==> flow/design.v <==
module u_adder_p #(
  parameter DW = 64
) (
  input  core_clk,
  input  clr,
  input  [DW-1:0] in_da,
  input  [DW-1:0] in_db,
  input  in_cin,
  output [DW-1:0] out_s,
  output out_co
);
  wire [DW-1:0] nxt;
  wire [DW:0] carry;
  assign carry[0] = in_cin;
  genvar g;
  generate
    for (g = 0; g < DW; g = g + 1) begin : slice
      assign nxt[g] = in_da[g] ^ in_db[g] ^ carry[g];
      assign carry[g+1] = (in_da[g] & in_db[g]) | (carry[g] & (in_da[g] ^ in_db[g]));
    end
  endgenerate
  reg [DW-1:0] s_reg;
  always @(posedge core_clk or posedge clr) begin
    if (clr) begin
      s_reg <= 0;
    end else begin
      s_reg <= nxt;
    end
  end
  assign out_s = s_reg;
  reg co_reg;
  always @(posedge core_clk or posedge clr) begin
    if (clr) begin
      co_reg <= 1'b0;
    end else begin
      co_reg <= carry[DW];
    end
  end
  assign out_co = co_reg;
endmodule
Step by step through the tools: u_adder_p --
The steps from the RTL of u_adder_p to its reports follow in flow order. Lines are those of the file above, counted from 1. Cell names lack the library's common part. The mark - stands for no value.
Design: top module u_adder_p, clock core_clk, library sky130hd, library corner tt_025C_1v80

After elaboration --
Source: Yosys, flattened and elaborated, memories not mapped. Widths are those after wreduce; folded enables and synchronous resets count as part of the registers. Registers that Yosys merges into a memory's read port (data or address) are not register bits. Print and check cells do not count. Equal cells are merged and count once.
Word-level totals: bits in registers 65, input bits 131, output and inout port bits 65, elaborated cells 322
Operators by class: bitwise operators 320
Operators with widths (number):
- AND 1 bit | 128
- bitwise XOR 1 bit | 128
- bitwise OR 1 bit | 64

Logic depth --
Yosys ltp: most cells in a row. Word level: on the elaborated netlist, between registers, memories and ports. Mapped: between sequential cells and ports; inverters and the memories' decode and read muxes count.
Depth: depth in word-level cells 129, ABC_AREA 0, mapped depth 68, gate-level depth less buffers 68

Mapped cells and area --
The flow's flattened synthesis, as Yosys stat reports it; memories are mapped. The netlist is that of the ABC_AREA named above (0 if unset); the other value can give another one. The area totals of this step are shown rounded.
Synthesis totals: mapped cells 140, synthesis area 0.0029 sq mm, area of sequential cells 0.0016 sq mm, flip-flops 65, buffer cells 0
Cells by type:
- dfrtp_1 | number 65, total area 1626.56 sq um
- fa_1 | number 64, total area 1.28E+03 sq um
- inv_1 | number 11, total area 41.29 sq um

Timing after synthesis --
OpenSTA on the mapped netlist: ideal clock, no wires. The path of least setup slack (recovery checks aside). Input and output delay are each 20% of the period. Register names are those of the netlist, which keeps one name where synthesis merged equal registers.
Timing post-synthesis: path kind input to register, start point input in_da[0], end point register s_reg[63], clock period 38.1 ns, input delay 7.620 ns, library setup time 0.064 ns, launch time at the first pin 7.620 ns, arrival time 31.910 ns, data required time 38.036 ns, path slack 6.126 ns, path delay 24.354 ns, stages on the path 68, buffers on the path 0, synthesis period reached 31.974 ns
"path delay" is the arrival time less input delay plus setup time. "stages on the path" counts driving pins, that of a launching flip-flop among them; a cell with two outputs on the path counts twice. "synthesis period reached" = period - worst setup slack (recovery checks aside). The figure is calculated, with input and output delays left at 20% of the set period. Between the ends stands the longest chain of elaborated cells between them, by number of cells; it is not shown to be the way that was timed. Of several equally long chains one is given. Each line given opens the expression or statement behind the cell; cells for indexed reads and writes are added by Yosys, which also makes memories of some case tables.
Between the ends, post-synthesis: cell sequence fa_1 fa_1 fa_1 fa_1 fa_1 fa_1 fa_1 fa_1 fa_1 fa_1 fa_1 fa_1 fa_1 fa_1 fa_1 fa_1 fa_1 fa_1 (+32 left out) fa_1 fa_1 fa_1 fa_1 fa_1 fa_1 fa_1 fa_1 fa_1 fa_1 fa_1 inv_1 fa_1 inv_1 fa_1 inv_1 fa_1 inv_1, length of the longest elaborated chain 128, elaborated cells on any way between the ends 129, classes of those cells logic: 129
RTL lines, path post-synthesis:
- start: declaration | line 6 | input  [DW-1:0] in_da,
- bitwise XOR 1 bit | line 19 | assign carry[g+1] = (in_da[g] & in_db[g]) | (carry[g] & (in_da[g] ^ in_db[g]));
- AND 1 bit | line 19
- bitwise OR 1 bit | line 19
- AND 1 bit | line 19
- bitwise OR 1 bit | line 19
- AND 1 bit | line 19
- bitwise OR 1 bit | line 19
- (+114 left out)
- AND 1 bit | line 19
- bitwise OR 1 bit | line 19
- AND 1 bit | line 19
- bitwise OR 1 bit | line 19
- AND 1 bit | line 19
- bitwise OR 1 bit | line 19
- bitwise XOR 1 bit | line 18 | assign nxt[g] = in_da[g] ^ in_db[g] ^ carry[g];
- end: assignment | line 25 | s_reg <= 0;
- end: assignment | line 27 | s_reg <= nxt;
- end: declaration | line 22 | reg [DW-1:0] s_reg;

Worst path after layout --
From the final timing report of job 1: the path of least setup slack in the routed layout; clock arrival at registers is part of the times.
Timing after layout: path kind input to register, start point input in_da[0], end point register s_reg[63], clock period 38.1 ns, input delay 7.62 ns, library setup time 0.06 ns, launch time at the first pin 7.62 ns, arrival time 33.28 ns, data required time 38.37 ns, path slack 5.09 ns, stages on the path 69, buffers on the path 1
Between the ends stands the longest chain of elaborated cells between them, by number of cells; it is not shown to be the way that was timed. Of several equally long chains one is given.
Between the ends, after layout: cell sequence clkdlybuf4s50_1 fa_1 fa_1 fa_1 fa_1 fa_1 fa_1 fa_1 fa_1 fa_1 fa_1 fa_1 fa_1 fa_1 fa_1 fa_1 fa_1 fa_1 (+33 left out) fa_1 fa_1 fa_1 fa_1 fa_1 fa_1 fa_1 fa_1 fa_1 fa_1 fa_1 inv_1 fa_1 inv_1 fa_1 inv_1 fa_1 inv_1, length of the longest elaborated chain 128, elaborated cells on any way between the ends 129, classes of those cells logic: 129
RTL lines, path after layout:
- start: declaration | line 6 | input  [DW-1:0] in_da,
- bitwise XOR 1 bit | line 19 | assign carry[g+1] = (in_da[g] & in_db[g]) | (carry[g] & (in_da[g] ^ in_db[g]));
- AND 1 bit | line 19
- bitwise OR 1 bit | line 19
- AND 1 bit | line 19
- bitwise OR 1 bit | line 19
- AND 1 bit | line 19
- bitwise OR 1 bit | line 19
- (+114 left out)
- AND 1 bit | line 19
- bitwise OR 1 bit | line 19
- AND 1 bit | line 19
- bitwise OR 1 bit | line 19
- AND 1 bit | line 19
- bitwise OR 1 bit | line 19
- bitwise XOR 1 bit | line 18 | assign nxt[g] = in_da[g] ^ in_db[g] ^ carry[g];
- end: assignment | line 25 | s_reg <= 0;
- end: assignment | line 27 | s_reg <= nxt;
- end: declaration | line 22 | reg [DW-1:0] s_reg;

--- measured runs ---
Below are 3 stored runs of the flow (Yosys, OpenROAD; platform sky130hd) on u_adder_p, each with its settings and what was measured, unordered. Constraints: input delay and output delay 20% of the set period each, output load 0.01 pF.
"achieved clock period" is the run's clock period less its worst setup slack. It is reckoned from that one timing run; input and output delays stay at 20% of the period that was set.
"time used up by the worst setup path" is the time allowed to the run's worst setup path (the clock period less input and output delay, where it has them) less its slack. Clock arrival times count: a late capture clock shortens it, a late launch clock lengthens it.
"total design power" is the tool's figure for a default switching activity; nothing was simulated.
The results are shown rounded.

* Job 1 | settings: period_ns 38.1; CAP_MARGIN 20; CORE_MARGIN 2; CORE_UTILIZATION 40; SLEW_MARGIN 20 | results: mapped cell area after synthesis 0.0029 sq mm; achieved clock period 33.011 ns; total design power 210 uW; standard-cell area of the final layout 0.0052 sq mm; time used up by the worst setup path 25.39 ns; type of the worst setup path input to register; final design utilization 0.72; setup slack of the critical path 5.1 ns; die size 0.0081 sq mm
* Job 2 | settings: period_ns 28.1; CORE_UTILIZATION 57; HOLD_SLACK_MARGIN -0.07; CORE_MARGIN 5; CELL_PAD_IN_SITES_DETAIL_PLACEMENT 2; ABC_AREA 1; GPL_ROUTABILITY_DRIVEN 1; CTS_CLUSTER_DIAMETER 233; CAP_MARGIN 25; SLEW_MARGIN 20 | did not finish, placement stopped with GPL-0301
* Job 3 | settings: period_ns 58.5; CORE_UTILIZATION 20; PLACE_DENSITY_LB_ADDON 0.0; CORE_MARGIN 6; CELL_PAD_IN_SITES_GLOBAL_PLACEMENT 1; ABC_AREA 1; GPL_ROUTABILITY_DRIVEN 1; CAP_MARGIN 0; SLEW_MARGIN 35 | results: mapped cell area after synthesis 0.0029 sq mm; achieved clock period 37.077 ns; total design power 150 uW; standard-cell area of the final layout 0.0054 sq mm; time used up by the worst setup path 25.38 ns; type of the worst setup path input to register; final design utilization 0.38; setup slack of the critical path 21 ns; die size 0.018 sq mm
--- end ---
